==> flow/design.v <==
module mult #(
  parameter XLEN = 10,
  parameter WAYS = 4,
  parameter OUT_W = 2*XLEN + $clog2(WAYS)
) (
  input  aclk,
  input  reset,
  input  [WAYS*XLEN-1:0] lhs_i,
  input  [WAYS*XLEN-1:0] rhs_i,
  output [OUT_W-1:0] prod_o
);
  reg [WAYS*XLEN-1:0] lhs_d1;
  always @(posedge aclk or posedge reset) begin
    if (reset) begin
      lhs_d1 <= 0;
    end else begin
      lhs_d1 <= lhs_i;
    end
  end
  reg [WAYS*XLEN-1:0] rhs_d1;
  always @(posedge aclk or posedge reset) begin
    if (reset) begin
      rhs_d1 <= 0;
    end else begin
      rhs_d1 <= rhs_i;
    end
  end
  reg [OUT_W-1:0] tmp;
  integer k;
  always @* begin
    tmp = 0;
    for (k = 0; k < WAYS; k = k + 1)
      tmp = tmp + lhs_d1[k*XLEN +: XLEN] * rhs_d1[k*XLEN +: XLEN];
  end
  assign prod_o = tmp;
endmodule
From RTL to reports: mult
The steps from the RTL of mult to its reports follow in flow order.
Lines are those of the file above, counted from 1.
Library cell names are shortened.
A cell with - has no value.
- design top: mult
- clock port: aclk
- standard-cell library: sky130hd
- library corner: tt_025C_1v80

Elaborated design
Yosys after proc, flatten, opt, wreduce and memory -nomap, before mapping. Enables and synchronous resets that opt folds into registers are not counted as muxes. Memory bits, and registers merged into a memory's read port (data or address), are not among the register bits. Print and check cells are not counted. Equal cells are merged and count once.
- register bits at 80
- noted input port bits: 82
- noted output and inout port bits: 22
- word-level cells: 9
- noted add/subtract/negate cells: 3
- noted $mul: 4
- operator list (kind ; count):
    multiplier 10 x 10 -> 20 bit ; 4
    adder 21 x 20 -> 22 bit ; 1
    adder 22 x 20 -> 22 bit ; 1
    adder 20 x 20 -> 21 bit ; 1

Logic depth
Longest topological path by Yosys (ltp), each cell counted once; first at word level (registers and memories cut), then after technology mapping (sequential cells cut; the memories' decode and read muxes count).
- depth after elaboration at 4
- noted ABC_AREA: 0
- depth in mapped cells: 25
- gate-level depth less buffers at 23

Synthesis result
Yosys stat after the flow's synthesis: flattened, memories mapped to cells. It holds for the ABC_AREA given above (unset counts as 0); a run with the other value may have another netlist.
The area totals of this step are shown rounded.
- cell types (cell ; count ; area in all (um^2)):
    fa_1 ; 359 ; 7.19E+03
    ha_1 ; 165 ; 2064.48
    dfrtp_1 ; 80 ; 2001.92
    inv_1 ; 432 ; 1.62E+03
    and2_1 ; 246 ; 1.54E+03
    nand2_1 ; 172 ; 645.619
    clkbuf_1 ; 44 ; 165.158
    a21oi_1 ; 17 ; 85.082
    xor2_1 ; 7 ; 61.309
    a21o_1 ; 8 ; 60.058
    xnor2_1 ; 6 ; 52.55
    nor2_1 ; 11 ; 41.29
    o21ai_0 ; 8 ; 40.038
    o211ai_1 ; 5 ; 37.536
    o21a_1 ; 5 ; 37.536
    a211oi_1 ; 4 ; 30.029
    a221oi_4 ; 1 ; 26.275
    a31oi_1 ; 4 ; 25.024
Other cell types: 30; their cells: 46.
- cells in the netlist: 1620
- synthesis area at 16000 um^2
- area of sequential cells: 2000 um^2
- flip-flops: 80
- buffers: 48

Path before layout
OpenSTA on the mapped netlist: ideal clock, no wires. The path of least setup slack (recovery checks aside). Input and output delay are each 20% of the period. Register names are those of the netlist, which keeps one name where synthesis merged equal registers.
- path type: reg2out
- from: reg rhs_d1[30]
- to: out prod_o[18]
- clock period at 10.0 ns
- noted output delay: 2.000 ns
- time at the first pin at 0.000 ns
- noted arrival: 6.426 ns
- required time at 8.000 ns
- path slack at 1.574 ns
- delay of the path: 6.426 ns
- stages at 24
- path buffers at 1
- noted synthesis period reached: 8.426 ns
"delay of the path" = arrival - input delay + setup time.
A path that ends at an output port has no setup time.
"stages" counts driving pins, that of a launching flip-flop among them; a cell with two outputs on the path counts twice.
"synthesis period reached" is the clock period less the worst setup slack; recovery checks do not enter. This is arithmetic on one report: input and output delays are still those of the set period (20% each).
The rows between start and end are the longest chain of elaborated cells between them; the timing report does not say that the signal goes this way. Where chains are equally long, one stands for them.
Each line given opens the expression or statement behind the cell; cells for indexed reads and writes are added by Yosys, which also makes memories of some case tables.
- cells stage by stage: dfrtp_1 > clkbuf_1 > nand2_1 > fa_1 > inv_1 > fa_1 > inv_1 > fa_1 > inv_1 > fa_1 > inv_1 > fa_1 > inv_1 > fa_1 > inv_1 > fa_1 > inv_1 > fa_1 > ha_1 > and3_1 > a221oi_2 > a211oi_1 > o2111a_1 > a311oi_2
- cells in the longest elaborated chain: 2
- elaborated cells between the ends (all ways): 2
- noted RTL lines with such cells: 1
- classes of those cells: 1 x add/sub; 1 x mul
- RTL lines, path after synthesis (item ; RTL line ; text):
    start, declared ; 20 ; reg [WAYS*XLEN-1:0] rhs_d1;
    start, assigned ; 23 ; rhs_d1 <= 0;
    start, assigned ; 25 ; rhs_d1 <= rhs_i;
    multiplier 10 x 10 -> 20 bit ; 33 ; tmp = tmp + lhs_d1[k*XLEN +: XLEN] * rhs_d1[k*XLEN +: XLEN];
    adder 22 x 20 -> 22 bit ; 33 ;
    end, declared ; 10 ; output [OUT_W-1:0] prod_o

Worst path after layout
Path of least setup slack in the final report of stored run 2 (OpenROAD, finished layout, wires in). Where an end is a register, its clock arrival counts in the times.
- path type: reg2out
- from: reg lhs_d1[26]
- to: out prod_o[21]
- clock period at 5.46 ns
- noted output delay: 1.09 ns
- time at the first pin at 0.36 ns
- noted arrival: 7.01 ns
- required time at 4.37 ns
- path slack at -2.64 ns
- stages at 23
- path buffers at 3
The rows between start and end are the longest chain of elaborated cells between them; the timing report does not say that the signal goes this way. Where chains are equally long, one stands for them.
- cells stage by stage: dfrtp_2 > buf_4 > and2_1 > fa_2 > fa_1 > inv_1 > fa_1 > inv_1 > fa_1 > fa_1 > fa_2 > fa_1 > inv_1 > fa_1 > inv_1 > ha_4 > a21o_4 > a221oi_4 > buf_6 > nor3_4 > or3_4 > o211ai_2 > buf_2
- cells in the longest elaborated chain: 3
- elaborated cells between the ends (all ways): 3
- noted RTL lines with such cells: 1
- classes of those cells: 2 x add/sub; 1 x mul
- RTL lines, path post-layout (item ; RTL line ; text):
    start, declared ; 12 ; reg [WAYS*XLEN-1:0] lhs_d1;
    start, assigned ; 15 ; lhs_d1 <= 0;
    start, assigned ; 17 ; lhs_d1 <= lhs_i;
    multiplier 10 x 10 -> 20 bit ; 33 ; tmp = tmp + lhs_d1[k*XLEN +: XLEN] * rhs_d1[k*XLEN +: XLEN];
    adder 21 x 20 -> 22 bit ; 33 ;
    adder 22 x 20 -> 22 bit ; 33 ;
    end, declared ; 10 ; output [OUT_W-1:0] prod_o

Subject: mult on sky130hd, stored results

Hello all,

3 stored runs of mult in the flow (synthesis by Yosys, layout by OpenROAD, sky130hd cells), in arbitrary order. Constraints: input delay and output delay 20% of the set period each, output load 0.01 pF.
Results are given in rounded form.

Stored run 1
Settings were period_ns = 5.1; CORE_UTILIZATION = 60; PLACE_DENSITY_LB_ADDON = 0.19; CORE_MARGIN = 2; CELL_PAD_IN_SITES_GLOBAL_PLACEMENT = 3; GPL_ROUTABILITY_DRIVEN = 1; CAP_MARGIN = 30; MAX_ROUTING_LAYER = met5; SLEW_MARGIN = 20
- stopped before the end: placement reported FLW-0024

Stored run 2
Settings were period_ns = 5.46; CORE_UTILIZATION = 39; SETUP_SLACK_MARGIN = 0.78; PLACE_DENSITY_LB_ADDON = 0.28; CORE_ASPECT_RATIO = 0.63; CORE_MARGIN = 4; CELL_PAD_IN_SITES_GLOBAL_PLACEMENT = 0; CELL_PAD_IN_SITES_DETAIL_PLACEMENT = 0; TNS_END_PERCENT = 25; GPL_TIMING_DRIVEN = 0; CTS_CLUSTER_SIZE = 67; CTS_CLUSTER_DIAMETER = 147; CAP_MARGIN = 20; SLEW_MARGIN = 20
- overall die area: 45000 um^2
- setup slack of the worst path at -2.6 ns
- area of the synthesized netlist: 16000 um^2
- post-layout utilization: 47 %
- noted the standard-cell area of the final layout: 19000 um^2
- post-route setup TNS at -41 ns

Stored run 3
Settings were period_ns = 10.0; CAP_MARGIN = 20; CORE_MARGIN = 2; CORE_UTILIZATION = 40; SLEW_MARGIN = 20
- noted the standard-cell area of the final layout: 18000 um^2
- overall die area: 42000 um^2
- area of the synthesized netlist: 16000 um^2
- post-route setup TNS at 0.000 ns
- setup slack of the worst path at 0.31 ns
- post-layout utilization: 45 %

Thanks
